==> flow/design.v <==
module cpu_mux_stage #(
    parameter NBITS = 2,
    parameter COUNT = 24,
    parameter LOGN = $clog2(COUNT)
) (
    input logic ck,
    input logic [COUNT*NBITS-1:0] ch,
    input logic [LOGN-1:0] sel,
    output logic [NBITS-1:0] o
);
    logic [COUNT*NBITS-1:0] ch_r;
    always_ff @(posedge ck) begin
        ch_r <= ch;
    end
    logic [LOGN-1:0] sel_r;
    always_ff @(posedge ck) begin
        sel_r <= sel;
    end
    logic [COUNT*NBITS-1:0] cur;
    assign cur = ch_r >> (sel_r * NBITS);
    always_ff @(posedge ck) begin
        o <= cur[NBITS-1:0];
    end
endmodule
# Step by step through the tools: cpu_mux_stage
# The steps from the RTL of cpu_mux_stage to its reports follow in flow order.
# Lines are those of the file above, counted from 1.
# Operators carry their Yosys type and port widths (W data, S select, Z words).
# Cell names lack the library's common part.
# Not given: n/a
[design]
design = "cpu_mux_stage"
clock_port = "ck"
lib = "sky130hd"
corner = "tt_025C_1v80"

# Word level
# Source: Yosys, flattened and elaborated, memories not mapped. Widths are those after wreduce; folded enables and synchronous resets count as part of the registers. Registers that Yosys merges into a memory's read port (data or address) are not register bits. Print and check cells do not count. Equal cells are merged and count once.
[bits]
register_bits = 55
latch_bits = 0
ramBits = 0
romBits = 0
clocked_rd_ports_x_width = 0
memories = 0
inputBits = 54
[op_classes]
add_sub_neg = 0
multipliers = 0
n_div = 0
compare = 0
n_eq = 0
n_shift = 1
n_mux = 0
n_logic = 0
reduce_logical = 0
[ops]
columns = ["operator", "count"]
rows = [
  ["$shr A48 B6 Y2", 1],
]

# Longest topological paths
# Depth = most cells in a row (Yosys ltp): at word level without a register or memory, in the mapped netlist without a sequential cell, where the memories' decode and read muxes count.
[depth]
depth_word = 1
abc_area = 0
mapped_depth = 6

# Netlist
# The flow's flattened synthesis, as Yosys stat reports it; memories are mapped. The netlist is that of the ABC_AREA named above (0 if unset); the other value can give another one.
[by_type]
columns = ["cell_type", "count", "type_area_um2"]
rows = [
  ["dfxtp_1", 55, 1.1E+03],
  ["mux4_1", 6, 157.651],
  ["mux2i_1", 8, 80.077],
  ["mux4_2", 2, 45.043],
  ["a221oi_1", 4, 35.034],
  ["a22oi_1", 3, 22.522],
  ["buf_12", 1, 20.019],
  ["a22oi_2", 1, 12.512],
  ["buf_6", 1, 11.261],
  ["nand3_1", 2, 10.01],
  ["o21ai_0", 2, 10.01],
  ["and3b_1", 1, 8.758],
  ["nor3b_1", 1, 7.507],
  ["and2_1", 1, 6.256],
  ["nand2b_1", 1, 6.256],
  ["nor2b_1", 1, 6.256],
  ["or2_2", 1, 6.256],
]
[mapped]
stdcells = 91
mapped_area_mm2 = 0.0015465
seqArea_mm2 = 0.0011011
flip_flops = 55
buf_cells = 2

# Path before layout
# Source: OpenSTA report_checks on the synthesized netlist (no wires, ideal clock, input and output delay 20% of the period each), path of least setup slack; recovery checks are left aside. Register names are those of the netlist, which keeps one name where synthesis merged equal registers.
[synth_timing]
path_type = "register to register"
startpoint = "register sel_r[0]"
endpoint = "register o[1]"
clock_period_ps = 1750
launch_ps = 0
arrival_time_ps = 1273
required_ps = 1626
path_slack_ps = 353
delay_ps = 1397
driving_pins = 6
period_less_setup_slack_ps = 1397
# "delay_ps" = arrival - input delay + setup time.
# "driving_pins" counts driving pins, that of a launching flip-flop among them; a cell with two outputs on the path counts twice.
# "period_less_setup_slack_ps" is the clock period less the worst setup slack; recovery checks do not enter. This is arithmetic on one report: input and output delays are still those of the set period (20% each).
# The rows between start and end are the longest chain of elaborated cells between them; the timing report does not say that the signal goes this way. Where chains are equally long, one stands for them.
# Each line given opens the expression or statement behind the cell; cells for indexed reads and writes are added by Yosys, which also makes memories of some case tables.
[synth_between]
cell_sequence = "dfxtp_1 -> buf_6 -> buf_12 -> mux4_2 -> a22oi_2 -> nand3_1"
elab_chain_len = 1
cone_cells = 1
lines_between = 1
[synth_lines]
columns = ["element", "line", "text"]
rows = [
  ["start: declaration", 15, "logic [LOGN-1:0] sel_r;"],
  ["start: assignment", 17, "sel_r <= sel;"],
  ["$shr A48 B6 Y2", 20, "assign cur = ch_r >> (sel_r * NBITS);"],
  ["end: assignment", 22, "o <= cur[NBITS-1:0];"],
  ["end: declaration", 9, "output logic [NBITS-1:0] o"],
]

# Timing after layout
# From the final timing report of entry A: the path of least setup slack in the routed layout; clock arrival at registers is part of the times.
# The report prints the path's times to 10 ps; the period is as set.
[layout_timing]
path_type = "register to register"
startpoint = "register sel_r[0]"
endpoint = "register o[1]"
clock_period_ps = 1070
launch_ps = 300
arrival_time_ps = 1610
required_ps = 1250
path_slack_ps = -360
driving_pins = 5
# The rows between start and end are the longest chain of elaborated cells between them; the timing report does not say that the signal goes this way. Where chains are equally long, one stands for them.
[layout_between]
cell_sequence = "dfxtp_4 -> buf_12 -> mux4_2 -> a22oi_1 -> nand3_1"
elab_chain_len = 1
cone_cells = 1
lines_between = 1
[layout_lines]
columns = ["element", "line", "text"]
rows = [
  ["start: declaration", 15, "logic [LOGN-1:0] sel_r;"],
  ["start: assignment", 17, "sel_r <= sel;"],
  ["$shr A48 B6 Y2", 20, "assign cur = ch_r >> (sel_r * NBITS);"],
  ["end: assignment", 22, "o <= cur[NBITS-1:0];"],
  ["end: declaration", 9, "output logic [NBITS-1:0] o"],
]

# Measured results for cpu_mux_stage: 3 stored runs of the Yosys and OpenROAD flow on sky130hd. The settings differ; the order carries no meaning. The constraints put input and output delay at 20% of the set period each and load the outputs with 0.01 pF.
# "period_less_ws_ps": clock period set for the run, less the worst setup slack. It is reckoned from that one timing run; input and output delays stay at 20% of the period that was set.
# "timing.worst_path_ps": the worst setup path's part of the clock period (all of it between registers, 20% less for each end at a port) less its slack. A launch clock that arrives late makes it longer, a capture clock that arrives late makes it shorter.
# By "final_power_uw" is meant OpenSTA's value without simulated activity: inputs other than the clock are taken to toggle once in ten clock periods, and the tool carries that through the logic.
# "timing.worst_path_ps" is given in steps of 10 ps.

[[run]]
name = "entry A"
[run.settings]
period_ns = 1.07
CORE_UTILIZATION = 27
PLACE_DENSITY_LB_ADDON = 0.08
CORE_MARGIN = 4
MIN_ROUTING_LAYER = "met2"
CAP_MARGIN = 20
SLEW_MARGIN = 20
[run.results]
layout_stdcell_area_mm2 = 0.0023448
final_power_uw = 3669
worstSetupSlack_ps = -359
die_footprint_mm2 = 0.0070023
timing.worst_path_ps = 1430
critical_path_kind = "register to register"
timing.hold.ws_ps = 338
tns_setup_ps = -712
period_less_ws_ps = 1429
synthesis_area_mm2 = 0.0015465
utilization_pct = 42.3

[[run]]
name = "entry B"
[run.settings]
period_ns = 1.72
CORE_UTILIZATION = 66
SETUP_SLACK_MARGIN = 0.48
PLACE_DENSITY_LB_ADDON = 0.12
CORE_MARGIN = 10
CELL_PAD_IN_SITES_GLOBAL_PLACEMENT = 0
CELL_PAD_IN_SITES_DETAIL_PLACEMENT = 1
ABC_AREA = 1
GPL_ROUTABILITY_DRIVEN = 1
SLEW_MARGIN = 35
CAP_MARGIN = 20
[run.results]
outcome = "incomplete, placement halted on DPL-0033"

[[run]]
name = "entry C"
[run.settings]
period_ns = 1.75
CAP_MARGIN = 20
CORE_MARGIN = 2
CORE_UTILIZATION = 40
SLEW_MARGIN = 20
[run.results]
layout_stdcell_area_mm2 = 0.0022221
final_power_uw = 2187
worstSetupSlack_ps = 238
die_footprint_mm2 = 0.0043798
timing.worst_path_ps = 1510
critical_path_kind = "register to register"
timing.hold.ws_ps = 491
tns_setup_ps = 0
period_less_ws_ps = 1512
synthesis_area_mm2 = 0.0015465
utilization_pct = 60.2
